==> flow/design.v <==
module alu_times_top (clock, lhs, rhs, result);
   parameter XLEN = 8;
   parameter WB = 2;
   input clock;
   input [XLEN-1:0] lhs;
   input [WB-1:0] rhs;
   output [XLEN+WB-1:0] result;
   reg [XLEN-1:0] lhs_ff;
   reg [WB-1:0] rhs_ff;
   always @(posedge clock) begin
      lhs_ff <= lhs;
      rhs_ff <= rhs;
   end
   assign result = lhs_ff * rhs_ff;
endmodule
Memo
Re: synthesis data of alu_times_top

**Reports on alu_times_top**

Module alu_times_top in several versions that differ in "XLEN"; each step lists the members.
The file above is the member XLEN 8. Line numbers count from 1 in each member's own file.
Operators: Yosys type, input widths -> output width; for muxes data width and select width s.
Not given: n/a

- Top module: alu_times_top
- Clock port: clock
- Library: sky130hd
- Library corner: tt_025C_1v80

**Members of the sweep**

Lines of each other member's file that are new or changed against the file above; lines that a member lacks are not shown.

New or changed lines:

| XLEN | line | RTL |
|---|---|---|
| 12 | 2 | `parameter XLEN = 12;` |
| 16 | 2 | `parameter XLEN = 16;` |
| 24 | 2 | `parameter XLEN = 24;` |
| 36 | 2 | `parameter XLEN = 36;` |

**Elaborated design**

Counts by Yosys on the flattened word-level netlist (proc, flatten, opt, wreduce; memories kept). Register bits leave out memories and registers merged into their read ports (data or address); mux counts leave out enables and synchronous resets folded into registers. Print and check cells are left out. Cells with the same type and inputs are merged into one.

Word-level totals:

| XLEN | word width x clocked read ports | elaborated cells | memory bits (read-only) | register bits after elaboration | memories | output and inout bits | latch bits | RAM bits |
|---|---|---|---|---|---|---|---|---|
| 8 | 0 | 3 | 0 | 10 | 0 | 10 | 0 | 0 |
| 12 | 0 | 3 | 0 | 14 | 0 | 14 | 0 | 0 |
| 16 | 0 | 3 | 0 | 18 | 0 | 18 | 0 | 0 |
| 24 | 0 | 3 | 0 | 26 | 0 | 26 | 0 | 0 |
| 36 | 0 | 3 | 0 | 38 | 0 | 38 | 0 | 0 |

Cells by class:

| XLEN | multiplexer cells | multipliers | shift-type cells | reductions and logical operators | bitwise logic cells | divide/modulo/power cells | magnitude comparators | $add $sub $neg | equal/unequal tests |
|---|---|---|---|---|---|---|---|---|---|
| 8 | 0 | 1 | 0 | 0 | 0 | 0 | 0 | 0 | 0 |
| 12 | 0 | 1 | 0 | 0 | 0 | 0 | 0 | 0 | 0 |
| 16 | 0 | 1 | 0 | 0 | 0 | 0 | 0 | 0 | 0 |
| 24 | 0 | 1 | 0 | 0 | 0 | 0 | 0 | 0 | 0 |
| 36 | 0 | 1 | 0 | 0 | 0 | 0 | 0 | 0 | 0 |

Operators by type and width:

| XLEN | kind and count |
|---|---|
| 8 | $mul 8x2->10 (1) |
| 12 | $mul 12x2->14 (1) |
| 16 | $mul 16x2->18 (1) |
| 24 | $mul 24x2->26 (1) |
| 36 | $mul 36x2->38 (1) |

**Depth**

Yosys ltp: most cells in a row. Word level: on the elaborated netlist, between registers, memories and ports. Mapped: between sequential cells and ports; inverters and the memories' decode and read muxes count.

Depth:

| XLEN | word-level depth | ABC_AREA | mapped depth | mapped depth without buffers |
|---|---|---|---|---|
| 8 | 1 | 0 | 6 | 6 |
| 12 | 1 | 0 | 9 | 8 |
| 16 | 1 | 0 | 9 | 8 |
| 24 | 1 | 0 | 11 | 10 |
| 36 | 1 | 0 | 11 | 10 |

**Synthesis result**

The flow's flattened synthesis, as Yosys stat reports it; memories are mapped. The netlist is that of the ABC_AREA named above (0 if unset); the other value can give another one.
Totals and module areas in this step are rounded.

Mapped netlist:

| XLEN | buffers | mapped area (um^2) | mapped flip-flops | standard cells after synthesis |
|---|---|---|---|---|
| 8 | 0 | 604.3 | 10 | 62 |
| 12 | 2 | 952.2 | 14 | 107 |
| 16 | 2 | 1399 | 18 | 162 |
| 24 | 6 | 1966 | 26 | 227 |
| 36 | 12 | 3181 | 38 | 387 |

Cell types:

| XLEN | types with counts |
|---|---|
| 8 | sky130_fd_sc_hd__dfxtp_1 (10); sky130_fd_sc_hd__and2_1 (16); sky130_fd_sc_hd__ha_1 (7); sky130_fd_sc_hd__a21o_1 (3); sky130_fd_sc_hd__fa_1 (1); sky130_fd_sc_hd__xnor2_1 (2); sky130_fd_sc_hd__xor2_1 (2); sky130_fd_sc_hd__a21oi_1 (3); sky130_fd_sc_hd__a221oi_2 (1); sky130_fd_sc_hd__o211ai_1 (2); sky130_fd_sc_hd__o21ai_0 (3); sky130_fd_sc_hd__a311o_1 (1); sky130_fd_sc_hd__nor3_1 (2); sky130_fd_sc_hd__o211a_1 (1); sky130_fd_sc_hd__o2111ai_1 (1); sky130_fd_sc_hd__a211oi_1 (1); sky130_fd_sc_hd__o21a_1 (1); sky130_fd_sc_hd__a31oi_1 (1); [+4] |
| 12 | sky130_fd_sc_hd__dfxtp_1 (14); sky130_fd_sc_hd__and2_1 (23); sky130_fd_sc_hd__ha_1 (11); sky130_fd_sc_hd__xnor2_1 (5); sky130_fd_sc_hd__a21oi_1 (8); sky130_fd_sc_hd__xor2_1 (4); sky130_fd_sc_hd__nor2_1 (7); sky130_fd_sc_hd__a21o_1 (3); sky130_fd_sc_hd__nand2_1 (6); sky130_fd_sc_hd__fa_1 (1); sky130_fd_sc_hd__nor2b_1 (3); sky130_fd_sc_hd__nor3b_4 (1); sky130_fd_sc_hd__a311oi_2 (1); sky130_fd_sc_hd__nand3_1 (3); sky130_fd_sc_hd__nand4_1 (2); sky130_fd_sc_hd__o211ai_2 (1); sky130_fd_sc_hd__a2111oi_1 (1); sky130_fd_sc_hd__and4b_1 (1); [+12] |
| 16 | sky130_fd_sc_hd__dfxtp_1 (18); sky130_fd_sc_hd__and2_1 (31); sky130_fd_sc_hd__ha_1 (15); sky130_fd_sc_hd__a21oi_1 (19); sky130_fd_sc_hd__xnor2_1 (6); sky130_fd_sc_hd__nand2_1 (11); sky130_fd_sc_hd__xor2_1 (4); sky130_fd_sc_hd__nand3_1 (6); sky130_fd_sc_hd__nor3_1 (6); sky130_fd_sc_hd__and2b_1 (3); sky130_fd_sc_hd__nand4_4 (1); sky130_fd_sc_hd__o31ai_4 (1); sky130_fd_sc_hd__fa_1 (1); sky130_fd_sc_hd__mux2i_1 (2); sky130_fd_sc_hd__o211a_4 (1); sky130_fd_sc_hd__nor3_4 (1); sky130_fd_sc_hd__a21o_1 (2); sky130_fd_sc_hd__and2_2 (2); [+32] |
| 24 | sky130_fd_sc_hd__dfxtp_1 (26); sky130_fd_sc_hd__and2_1 (48); sky130_fd_sc_hd__ha_1 (23); sky130_fd_sc_hd__xnor2_1 (13); sky130_fd_sc_hd__a21oi_1 (16); sky130_fd_sc_hd__xor2_1 (8); sky130_fd_sc_hd__a21o_1 (9); sky130_fd_sc_hd__nand2_1 (14); sky130_fd_sc_hd__o21ai_0 (9); sky130_fd_sc_hd__a31oi_1 (5); sky130_fd_sc_hd__nand3_1 (6); sky130_fd_sc_hd__a21oi_2 (3); sky130_fd_sc_hd__a211oi_2 (2); sky130_fd_sc_hd__fa_1 (1); sky130_fd_sc_hd__o211a_1 (2); sky130_fd_sc_hd__nor2_1 (5); sky130_fd_sc_hd__a211oi_1 (2); sky130_fd_sc_hd__a221oi_2 (1); [+34] |
| 36 | sky130_fd_sc_hd__dfxtp_1 (38); sky130_fd_sc_hd__and2_1 (71); sky130_fd_sc_hd__ha_1 (35); sky130_fd_sc_hd__xnor2_1 (22); sky130_fd_sc_hd__a21oi_1 (34); sky130_fd_sc_hd__nand2_1 (32); sky130_fd_sc_hd__xor2_1 (12); sky130_fd_sc_hd__a21o_1 (11); sky130_fd_sc_hd__o21bai_1 (10); sky130_fd_sc_hd__nor2_1 (15); sky130_fd_sc_hd__o21ai_0 (10); sky130_fd_sc_hd__o21a_1 (6); sky130_fd_sc_hd__o21ai_1 (9); sky130_fd_sc_hd__o211ai_1 (5); sky130_fd_sc_hd__clkbuf_1 (9); sky130_fd_sc_hd__a211oi_1 (4); sky130_fd_sc_hd__nand3_1 (6); sky130_fd_sc_hd__a221oi_1 (3); [+55] |

The mark [+n] counts cells that are not listed.

**Timing after synthesis**

Source: OpenSTA report_checks on the synthesized netlist (no wires, ideal clock, input and output delay 20% of the period each), path of least setup slack; recovery checks are left aside. Register names are those of the netlist, which keeps one name where synthesis merged equal registers.

Path post-synthesis:

| XLEN | kind | start point | end point | period (ns) | stages | path slack (ns) | path delay (ns) | synthesis period reached (ns) |
|---|---|---|---|---|---|---|---|---|
| 8 | register to output | register rhs_ff[1] | output result[7] | 3.09 | 7 | 0.495 | 1.977 | 2.595 |
| 12 | register to output | register rhs_ff[1] | output result[9] | 3.23 | 10 | 0.515 | 2.069 | 2.715 |
| 16 | register to output | register rhs_ff[0] | output result[9] | 3.17 | 10 | 0.505 | 2.031 | 2.665 |
| 24 | register to output | register rhs_ff[0] | output result[23] | 4.15 | 12 | 0.663 | 2.657 | 3.487 |
| 36 | register to output | register rhs_ff[1] | output result[35] | 4.2 | 12 | 0.670 | 2.690 | 3.53 |

"path delay" = arrival - input delay + setup time.
A path that ends at an output port has no setup time.
"stages" counts driving pins, that of a launching flip-flop among them; a cell with two outputs on the path counts twice.
"synthesis period reached" = period - worst setup slack (recovery checks aside). The figure is calculated, with input and output delays left at 20% of the set period.
The rows between start and end are the longest chain of elaborated cells between them; the timing report does not say that the signal goes this way. Where chains are equally long, one stands for them.
A line is the first line of the expression or statement that the cell stems from. Yosys adds cells for indexed reads and writes and turns some case tables into memories.

On the way, post-synthesis, XLEN 8:
- Cells in the longest elaborated chain: 1

Ends and longest elaborated chain, post-synthesis, XLEN 8:

| what | line | RTL |
|---|---|---|
| from (decl) | 9 | `reg [WB-1:0] rhs_ff;` |
| from (assign) | 12 | `rhs_ff <= rhs;` |
| $mul 8x2->10 | 14 | `assign result = lhs_ff * rhs_ff;` |
| to (decl) | 7 | `output [XLEN+WB-1:0] result;` |

On the way, post-synthesis, XLEN 36:
- Cells in the longest elaborated chain: 1

Ends and longest elaborated chain, post-synthesis, XLEN 36:

| what | line | RTL |
|---|---|---|
| from (decl) | 9 | `reg [WB-1:0] rhs_ff;` |
| from (assign) | 12 | `rhs_ff <= rhs;` |
| $mul 36x2->38 | 14 | `assign result = lhs_ff * rhs_ff;` |
| to (decl) | 7 | `output [XLEN+WB-1:0] result;` |

**Worst path after layout**

From the final timing report of each member's run: the path of least setup slack in the routed layout; clock arrival at registers is part of the times.

Path after layout:

| XLEN | kind | start point | end point | period (ns) | arrival time (ns) | stages | path slack (ns) | buffers on the path |
|---|---|---|---|---|---|---|---|---|
| 8 | register to output | register lhs_ff[0] | output result[9] | 3.09 | 2.32 | 9 | 0.15 | 2 |
| 12 | register to output | register rhs_ff[1] | output result[9] | 3.23 | 2.47 | 11 | 0.11 | 2 |
| 16 | register to output | register rhs_ff[1] | output result[9] | 3.17 | 2.36 | 11 | 0.17 | 3 |
| 24 | register to output | register rhs_ff[0] | output result[19] | 4.15 | 3.17 | 12 | 0.15 | 3 |
| 36 | register to output | register rhs_ff[1] | output result[17] | 4.2 | 3.23 | 10 | 0.13 | 1 |

**Measured runs**

One run of the flow (Yosys, OpenROAD) for each member, with settings and measured results. Input and output delays are each 20% of the period that was set; the output load is 0.01 pF.

- CAP_MARGIN: 20
- CORE_MARGIN: 2
- CORE_UTILIZATION: 40
- SLEW_MARGIN: 20

Settings by member:

| XLEN | period_ns |
|---|---|
| 8 | 3.09 |
| 12 | 3.23 |
| 16 | 3.17 |
| 24 | 4.15 |
| 36 | 4.2 |

Final reports:

| XLEN | area inside the die boundary (um^2) | std-cell area (final layout) (um^2) | chip area after synthesis (Yosys) (um^2) | setup slack of the worst path (ns) | total power after layout (mW) | clock period achieved (ns) |
|---|---|---|---|---|---|---|
| 8 | 1838 | 904.6 | 604.3 | 0.149 | 0.3269 | 2.941 |
| 12 | 2787 | 1383 | 952.2 | 0.114 | 0.4659 | 3.116 |
| 16 | 3986 | 2141 | 1399 | 0.173 | 0.6585 | 2.997 |
| 24 | 5491 | 2713 | 1966 | 0.148 | 0.7388 | 4.002 |
| 36 | 8681 | 4363 | 3181 | 0.132 | 1.073 | 4.068 |

"clock period achieved" is the run's clock period less its worst setup slack. It is reckoned from that one timing run; input and output delays stay at 20% of the period that was set.
"total power after layout": no workload was simulated; the value follows from the tool's default switching activity.
Values from the reports are rounded here.
